==> flow/design.v <==
module my_mem_stage #(
    parameter WORDS = 64,
    parameter WD = 6,
    parameter AW = $clog2(WORDS)
) (
    input wire core_clk,
    input wire rstn,
    input wire valid,
    input wire [AW-1:0] addr_in,
    input wire wr_en_in,
    input wire [WD-1:0] write_data_in,
    output wire [WD-1:0] dout_out
);
    reg [AW-1:0] addr_s;
    always @(posedge core_clk or negedge rstn) begin
        if (~rstn) begin
            addr_s <= 0;
        end else if (valid) begin
            addr_s <= addr_in;
        end
    end
    reg wr_en_s;
    always @(posedge core_clk or negedge rstn) begin
        if (~rstn) begin
            wr_en_s <= 1'b0;
        end else if (valid) begin
            wr_en_s <= wr_en_in;
        end
    end
    reg [WD-1:0] write_data_s;
    always @(posedge core_clk or negedge rstn) begin
        if (~rstn) begin
            write_data_s <= 0;
        end else if (valid) begin
            write_data_s <= write_data_in;
        end
    end
    reg [WD-1:0] ram [0:WORDS-1];
    always @(posedge core_clk)
        if (valid && wr_en_s) ram[addr_s] <= write_data_s;
    assign dout_out = wr_en_s ? write_data_s : ram[addr_s];
endmodule
---- From RTL to reports: my_mem_stage ----
What the tools print for my_mem_stage, step after step.
Lines are those of the file above, counted from 1.
The mark n/a stands for no value.
inputs
  top module .............................. my_mem_stage
  clock port .............................. core_clk
  cell library ............................ sky130hd
  library corner .......................... tt_025C_1v80

---- Elaborated design ----
Source: Yosys, flattened and elaborated, memories not mapped. Widths are those after wreduce; folded enables and synchronous resets count as part of the registers. Registers that Yosys merges into a memory's read port (data or address) are not register bits. Print and check cells do not count. Equal cells are merged and count once.
Yosys's memory passes give these memory sizes; they may raise the number of words (mostly to a power of two), join words into wider ones and drop unused or constant bits.
storage and ports
  output and inout port bits .............. 6
  memory cells ............................ 1
  register bits ........................... 13
  memory bits (writable) .................. 384
operators by class
  muxes and demuxes ....................... 4
  reductions and logical operators ........ 1
memories
  name  words  bits a word  read ports  write ports  RTL line  RTL
  ram   64     6            1           1            38        reg [WD-1:0] ram [0:WORDS-1];
operators with widths
  operator           number
  6-bit 2-to-1 mux   3
  1-bit logical AND  1
  1-bit 2-to-1 mux   1

---- Depth ----
Longest topological path by Yosys (ltp), each cell counted once; first at word level (registers and memories cut), then after technology mapping (sequential cells cut; the memories' decode and read muxes count).
depth
  depth in word-level cells ............... 2
  ABC_AREA ................................ 0
  mapped depth ............................ 11
  depth with buffers taken out ............ 6

---- Mapped cells and area ----
Source: synth_stat.txt of the flow (Yosys; design flattened, memories mapped). It holds for the ABC_AREA given above (unset counts as 0); a run with the other value may have another netlist.
The area totals of this step are shown rounded.
cell types
  type                       number  total area (um2)
  sky130_fd_sc_hd__edfxtp_1  384     1.15E+04
  sky130_fd_sc_hd__mux2i_1   65      650.624
  sky130_fd_sc_hd__mux4_2    26      585.562
  sky130_fd_sc_hd__dfrtp_1   13      325.312
  sky130_fd_sc_hd__nor2_1    86      322.81
  sky130_fd_sc_hd__mux2_2    27      304.042
  sky130_fd_sc_hd__a22oi_1   27      202.694
  sky130_fd_sc_hd__a221oi_1  18      157.651
  sky130_fd_sc_hd__o21ai_0   29      145.139
  sky130_fd_sc_hd__nand2_1   32      120.115
  sky130_fd_sc_hd__a21oi_1   22      110.106
  sky130_fd_sc_hd__buf_6     9       101.347
  sky130_fd_sc_hd__o22ai_1   16      100.096
  sky130_fd_sc_hd__clkbuf_1  25      93.84
  sky130_fd_sc_hd__nand3_1   16      80.077
  sky130_fd_sc_hd__buf_4     10      75.072
  sky130_fd_sc_hd__buf_2     14      70.067
  sky130_fd_sc_hd__a22o_1    7       61.309
Other cell types: 44; their cells: 102.
synthesis totals
  buffer cells ............................ 60
  flip-flop cells ......................... 397
  mapped cells ............................ 928
  cell area after synthesis ............... 15800 um2

---- Path before layout ----
Path of least setup slack by OpenSTA after synthesis, without wires, with an ideal clock, recovery checks aside; 20% of the period is set as input and as output delay. Where synthesis merged equal registers, the netlist keeps one of their names.
timing path post-synthesis
  path type ............................... reg2out
  from .................................... register addr_s[2]
  to ...................................... output port dout_out[3]
  launch time at the first pin ............ 0.000 ns
  path delay .............................. 1.881 ns
  slack ................................... 0.471 ns
  clock period ............................ 2.94 ns
  arrival time ............................ 1.881 ns
  required time ........................... 2.352 ns
  output delay ............................ 0.588 ns
  driving pins on the path ................ 8
  period reached after synthesis .......... 2.469 ns
"path delay" is the arrival time less input delay plus setup time.
A path that ends at an output port has no setup time.
"driving pins on the path" counts driving pins, that of a launching flip-flop among them; a cell with two outputs on the path counts twice.
"period reached after synthesis" = period - worst setup slack (recovery checks aside). The figure is calculated, with input and output delays left at 20% of the set period.
Between the ends stands the longest chain of elaborated cells between them, by number of cells; it is not shown to be the way that was timed. Of several equally long chains one is given.
Each line given opens the expression or statement behind the cell; cells for indexed reads and writes are added by Yosys, which also makes memories of some case tables.
The chain passes a memory read, where the word-level depth is cut; so it can be longer than that depth.
between the ends, post-synthesis
  path through ............................ sky130_fd_sc_hd__dfrtp_1 sky130_fd_sc_hd__buf_6 sky130_fd_sc_hd__mux2_1 sky130_fd_sc_hd__a221o_1 sky130_fd_sc_hd__a221oi_2 sky130_fd_sc_hd__o22ai_1 sky130_fd_sc_hd__nor4b_2 sky130_fd_sc_hd__a32oi_1
  cells in the longest elaborated chain ... 2
ends and longest elaborated chain, post-synthesis
  item                    RTL line  RTL
  start: declaration      14        reg [AW-1:0] addr_s;
  start: assignment       17        addr_s <= 0;
  start: assignment       19        addr_s <= addr_in;
  memory read 64 x 6 bit  38        reg [WD-1:0] ram [0:WORDS-1];
  6-bit 2-to-1 mux        41        assign dout_out = wr_en_s ? write_data_s : ram[addr_s];
  end: declaration        12        output wire [WD-1:0] dout_out

---- Worst path after layout ----
From the final timing report of entry A: the path of least setup slack in the routed layout; clock arrival at registers is part of the times.
timing path post-layout
  path type ............................... reg2out
  from .................................... register addr_s[1]
  to ...................................... output port dout_out[4]
  launch time at the first pin ............ 0.55 ns
  arrival time ............................ 3.07 ns
  required time ........................... 2.35 ns
  output delay ............................ 0.59 ns
  slack ................................... -0.71 ns
  clock period ............................ 2.94 ns
  driving pins on the path ................ 9
Between the ends stands the longest chain of elaborated cells between them, by number of cells; it is not shown to be the way that was timed. Of several equally long chains one is given.
The chain passes a memory read, where the word-level depth is cut; so it can be longer than that depth.
between the ends, post-layout
  path through ............................ sky130_fd_sc_hd__dfrtp_4 sky130_fd_sc_hd__buf_4 sky130_fd_sc_hd__buf_16 sky130_fd_sc_hd__mux4_2 sky130_fd_sc_hd__nand2_1 sky130_fd_sc_hd__a21o_1 sky130_fd_sc_hd__o211ai_1 sky130_fd_sc_hd__o32a_1 sky130_fd_sc_hd__buf_2
  cells in the longest elaborated chain ... 2
ends and longest elaborated chain, post-layout
  item                    RTL line  RTL
  start: declaration      14        reg [AW-1:0] addr_s;
  start: assignment       17        addr_s <= 0;
  start: assignment       19        addr_s <= addr_in;
  memory read 64 x 6 bit  38        reg [WD-1:0] ram [0:WORDS-1];
  6-bit 2-to-1 mux        41        assign dout_out = wr_en_s ? write_data_s : ram[addr_s];
  end: declaration        12        output wire [WD-1:0] dout_out

Ticket comment

Top module my_mem_stage; platform sky130hd; tools Yosys and OpenROAD; 3 stored runs in no particular order. Input and output delays are each 20% of the period that was set; the output load is 0.01 pF.
"worst setup path time" is the time allowed to the run's worst setup path (the clock period less input and output delay, where it has them) less its slack. Clock arrival times count: a late capture clock shortens it, a late launch clock lengthens it.
"power consumption": no workload was simulated; the value follows from the tool's default switching activity.
Measured values are rounded.

---- entry A ----
settings
  period_ns = 2.94
  CAP_MARGIN = 20
  CORE_MARGIN = 2
  CORE_UTILIZATION = 40
  SLEW_MARGIN = 20
results
  chip area in the Yosys report ........... 15800 um2
  area of the die ......................... 41200 um2
  area of the standard cells in the finished layout .. 20100 um2
  lowest setup slack ...................... -0.714 ns
  power consumption ....................... 13.3 mW
  worst setup path time ................... 3.07 ns
  type of the worst setup path ............ reg2out

---- entry B ----
settings
  period_ns = 3.73
  CORE_UTILIZATION = 47
  PLACE_DENSITY_LB_ADDON = 0.06
  HOLD_SLACK_MARGIN = 0.01
  CORE_ASPECT_RATIO = 0.57
  CELL_PAD_IN_SITES_GLOBAL_PLACEMENT = 2
  CELL_PAD_IN_SITES_DETAIL_PLACEMENT = 0
  CTS_CLUSTER_DIAMETER = 317
  MAX_ROUTING_LAYER = met5
  CAP_MARGIN = 20
  CORE_MARGIN = 2
  SLEW_MARGIN = 20
results
  chip area in the Yosys report ........... 15800 um2
  area of the die ......................... 35200 um2
  area of the standard cells in the finished layout .. 19000 um2
  lowest setup slack ...................... -0.063 ns
  power consumption ....................... 10.2 mW
  worst setup path time ................... 3.05 ns
  type of the worst setup path ............ reg2out

---- entry C ----
settings
  period_ns = 4.55
  CORE_UTILIZATION = 53
  PLACE_DENSITY_LB_ADDON = 0.24
  CORE_ASPECT_RATIO = 0.71
  CORE_MARGIN = 4
  CELL_PAD_IN_SITES_DETAIL_PLACEMENT = 0
  TNS_END_PERCENT = 5
  GPL_TIMING_DRIVEN = 0
  GPL_ROUTABILITY_DRIVEN = 1
  CTS_CLUSTER_SIZE = 35
  CTS_CLUSTER_DIAMETER = 87
  MAX_ROUTING_LAYER = met4
  CAP_MARGIN = 20
  SLEW_MARGIN = 20
results
  chip area in the Yosys report ........... 15800 um2
  area of the die ......................... 32700 um2
  area of the standard cells in the finished layout .. 17100 um2
  lowest setup slack ...................... -0.075 ns
  power consumption ....................... 6.72 mW
  worst setup path time ................... 3.71 ns
  type of the worst setup path ............ reg2out
